==> flow/design.v <==
module dp_mplex_rtl #(
    parameter integer DW = 12,
    parameter integer COUNT = 24,
    parameter integer SEL_WIDTH = $clog2(COUNT)
) (
    input  logic ck,
    input  logic rst_n,
    input  logic [COUNT*DW-1:0] ch,
    input  logic [SEL_WIDTH-1:0] choose,
    output logic [DW-1:0] result
);
    logic [COUNT*DW-1:0] ch_r;
    logic [SEL_WIDTH-1:0] choose_r;
    always_ff @(posedge ck or negedge rst_n) begin
        if (~rst_n) begin
            ch_r <= '0;
            choose_r <= '0;
        end else begin
            ch_r <= ch;
            choose_r <= choose;
        end
    end
    wire [DW-1:0] lanes [0:COUNT-1];
    generate
        for (genvar i = 0; i < COUNT; i++) begin : blk
            assign lanes[i] = ch_r[i*DW +: DW];
        end
    endgenerate
    always_ff @(posedge ck or negedge rst_n) begin
        if (~rst_n) begin
            result <= '0;
        end else begin
            result <= lanes[choose_r];
        end
    end
endmodule
## Step by step through the tools: dp_mplex_rtl

The steps from the RTL of dp_mplex_rtl to its reports follow in flow order.
Line numbers count from 1 in the design file above.
The mark - stands for no value.

| set-up | value |
|---|---|
| top | dp_mplex_rtl |
| clock input | ck |
| cell library | sky130hd |
| timing corner | tt_025C_1v80 |

## After elaboration

Yosys after proc, flatten, opt, wreduce and memory -nomap, before mapping. Enables and synchronous resets that opt folds into registers are not counted as muxes. Print and check cells are not counted. Equal cells are merged and count once.

| word-level totals | value |
|---|---|
| flip-flop bits (word level) | 305 |
| input bits | 295 |
| output and inout port bits | 12 |
| cells after elaboration | 28 |

| operators by class | value |
|---|---|
| equal/unequal tests | 23 |
| multiplexer cells | 1 |
| reduce/logical cells | 1 |

Operator list:

| kind | count |
|---|---|
| case mux 12 bit (select 24 bit) | 1 |
| == test 5 x 4 -> 1 bit (second input constant) | 8 |
| == test 5 bit (second input constant) | 8 |
| == test 5 x 3 -> 1 bit (second input constant) | 4 |
| == test 5 x 2 -> 1 bit (second input constant) | 2 |
| == test 5 x 1 -> 1 bit (second input constant) | 1 |
| logical NOT 5 bit | 1 |

## Logic depth

Depth = most cells in a row (Yosys ltp): at word level without a register or memory, in the mapped netlist without a sequential cell, where the memories' decode and read muxes count.

| logic depth | value |
|---|---|
| depth after elaboration | 2 |
| ABC_AREA | 0 |
| mapped depth | 8 |

## After synthesis

Source: synth_stat.txt of the flow (Yosys; design flattened, memories mapped). It holds for the ABC_AREA given above (unset counts as 0); a run with the other value may have another netlist.
Totals and module areas in this step are rounded.

Cells by type:

| cell type | count | area in all (um^2) |
|---|---|---|
| sky130_fd_sc_hd__dfrtp_1 | 305 | 7632.32 |
| sky130_fd_sc_hd__mux2i_1 | 36 | 360.346 |
| sky130_fd_sc_hd__a32oi_1 | 21 | 183.926 |
| sky130_fd_sc_hd__mux2_2 | 14 | 157.651 |
| sky130_fd_sc_hd__buf_2 | 28 | 140.134 |
| sky130_fd_sc_hd__and3_1 | 20 | 125.12 |
| sky130_fd_sc_hd__a21oi_1 | 20 | 100.096 |
| sky130_fd_sc_hd__nor2_1 | 25 | 93.84 |
| sky130_fd_sc_hd__a22oi_1 | 12 | 90.086 |
| sky130_fd_sc_hd__nand3_1 | 18 | 90.086 |
| sky130_fd_sc_hd__o21ai_0 | 18 | 90.086 |
| sky130_fd_sc_hd__o32a_1 | 9 | 90.086 |
| sky130_fd_sc_hd__nand4_1 | 14 | 87.584 |
| sky130_fd_sc_hd__nand2_1 | 23 | 86.333 |
| sky130_fd_sc_hd__a31oi_1 | 13 | 81.328 |
| sky130_fd_sc_hd__a22o_1 | 9 | 78.826 |
| sky130_fd_sc_hd__buf_6 | 6 | 67.565 |
| sky130_fd_sc_hd__nand3b_1 | 8 | 60.058 |

Other cell types: 44; their cells: 139.

| mapped netlist | value |
|---|---|
| mapped cells | 738 |
| mapped area | 10600 um^2 |
| sequential area | 7630 um^2 |
| mapped flip-flops | 305 |
| buffer cells | 50 |

## Path before layout

OpenSTA on the mapped netlist: ideal clock, no wires. The path of least setup slack (recovery checks aside). Input and output delay are each 20% of the period. Register names are those of the netlist, which keeps one name where synthesis merged equal registers.

| timing post-synthesis | value |
|---|---|
| path kind | register to register |
| from | register (name not given) |
| to | register result[9] |
| clock period | 2260 ps |
| library setup time | 126 ps |
| time at the first pin | 0 ps |
| data arrival time | 1679 ps |
| slack | 455 ps |
| delay of the path | 1805 ps |
| stages on the path | 7 |
| synthesis period reached | 1805 ps |

"delay of the path" = arrival - input delay + setup time.
"stages on the path": output pins that drive a net of the path, with the launching flip-flop's if there is one; two outputs of one cell count as two.
"synthesis period reached" is the clock period less the worst setup slack; recovery checks do not enter. This is arithmetic on one report: input and output delays are still those of the set period (20% each).
The rows between start and end are the longest chain of elaborated cells between them; the timing report does not say that the signal goes this way. Where chains are equally long, one stands for them.
A line is the first line of the expression or statement that the cell stems from. Yosys adds cells for indexed reads and writes and turns some case tables into memories.

| on the way, post-synthesis | value |
|---|---|
| cell sequence | sky130_fd_sc_hd__dfrtp_1 sky130_fd_sc_hd__buf_6 sky130_fd_sc_hd__buf_6 sky130_fd_sc_hd__mux2_4 sky130_fd_sc_hd__a32o_1 sky130_fd_sc_hd__a221o_1 sky130_fd_sc_hd__o32a_1 |
| cells in the longest elaborated chain | 2 |

Ends and longest elaborated chain, post-synthesis:

| what | line | text |
|---|---|---|
| start, declared | 13 |  |
| start, assigned | 17 |  |
| start, assigned | 20 |  |
| == test 5 bit | 33 |  |
| case mux 12 bit (select 24 bit) | 33 |  |
| end, assigned | 31 | `result <= '0;` |
| end, assigned | 33 |  |
| end, declared | 10 | `output logic [DW-1:0] result` |

## Timing after layout

Path of least setup slack in the final report of run 1 (OpenROAD, finished layout, wires in). Where an end is a register, its clock arrival counts in the times.
The report prints the path's times to 10 ps; the period is as set.

| timing post-layout | value |
|---|---|
| path kind | register to register |
| from | register (name not given) |
| to | register result[1] |
| clock period | 2260 ps |
| library setup time | 60 ps |
| time at the first pin | 550 ps |
| data arrival time | 2720 ps |
| slack | 30 ps |
| stages on the path | 8 |

The rows between start and end are the longest chain of elaborated cells between them; the timing report does not say that the signal goes this way. Where chains are equally long, one stands for them.

| on the way, post-layout | value |
|---|---|
| cell sequence | sky130_fd_sc_hd__dfrtp_4 sky130_fd_sc_hd__buf_4 sky130_fd_sc_hd__nor3b_2 sky130_fd_sc_hd__and3_1 sky130_fd_sc_hd__a221oi_1 sky130_fd_sc_hd__buf_4 sky130_fd_sc_hd__o21ai_0 sky130_fd_sc_hd__o32a_1 |
| cells in the longest elaborated chain | 2 |

Ends and longest elaborated chain, post-layout:

| what | line | text |
|---|---|---|
| start, declared | 13 |  |
| start, assigned | 17 |  |
| start, assigned | 20 |  |
| == test 5 bit | 33 |  |
| case mux 12 bit (select 24 bit) | 33 |  |
| end, assigned | 31 | `result <= '0;` |
| end, assigned | 33 |  |
| end, declared | 10 | `output logic [DW-1:0] result` |

Wiki page: dp_mplex_rtl / flow data

3 stored runs of dp_mplex_rtl in the flow (synthesis by Yosys, layout by OpenROAD, sky130hd cells), in arbitrary order. Constraints: input delay and output delay 20% of the set period each, output load 0.01 pF.
"achieved clock period": clock period set for the run, less the worst setup slack. It is reckoned from that one timing run; input and output delays stay at 20% of the period that was set.
"worst setup path time" means the part of the period allowed to the worst setup path (the constraints hold back 20% at inputs and 20% at outputs) less its slack; where the path has registers, the arrival times of their clocks count too.
"total power after layout" rests on the timing tool's default activity at the inputs, not on a simulated workload.
"worst setup path time" is given in steps of 10 ps.
The results are shown rounded.
Settings: -- = not set for that run.
Among the results, -- means that no value is shown for the run.

| stored run | period_ns | CAP_MARGIN | CORE_MARGIN | CORE_UTILIZATION | SLEW_MARGIN | PLACE_DENSITY_LB_ADDON | CELL_PAD_IN_SITES_DETAIL_PLACEMENT | TNS_END_PERCENT | ABC_AREA | SETUP_SLACK_MARGIN | GPL_TIMING_DRIVEN | CTS_CLUSTER_SIZE | MIN_ROUTING_LAYER | area of the synthesized netlist (um^2) | area of the die (um^2) | post-route utilization (%) | worst setup slack after layout (ps) | setup total negative slack (ps) | worst hold slack (ps) | total power after layout (mW) | achieved clock period (ps) | worst setup path time (ps) | worst setup path type |
|---|---|---|---|---|---|---|---|---|---|---|---|---|---|---|---|---|---|---|---|---|---|---|---|
| run 1 | 2.26 | 20 | 2 | 40 | 20 | -- | -- | -- | -- | -- | -- | -- | -- | 10600 | 27800 | 59.7 | 29 | 0 | 331 | 12.4 | 2231 | 2230 | register to register |
| run 2 | 2.08 | 10 | 2 | 51 | 20 | 0.06 | 1 | 75 | 0 | -- | -- | -- | -- | -- | -- | -- | -- | -- | -- | -- | -- | -- | -- |
| run 3 | 2.95 | 20 | 8 | 42 | 40 | 0.15 | -- | 25 | 1 | 0.28 | 1 | 20 | met2 | 10400 | 30000 | 62.3 | 550 | 0 | 450 | 9.73 | 2400 | 2400 | register to register |

Run 2: incomplete, clock tree synthesis halted on DPL-0033
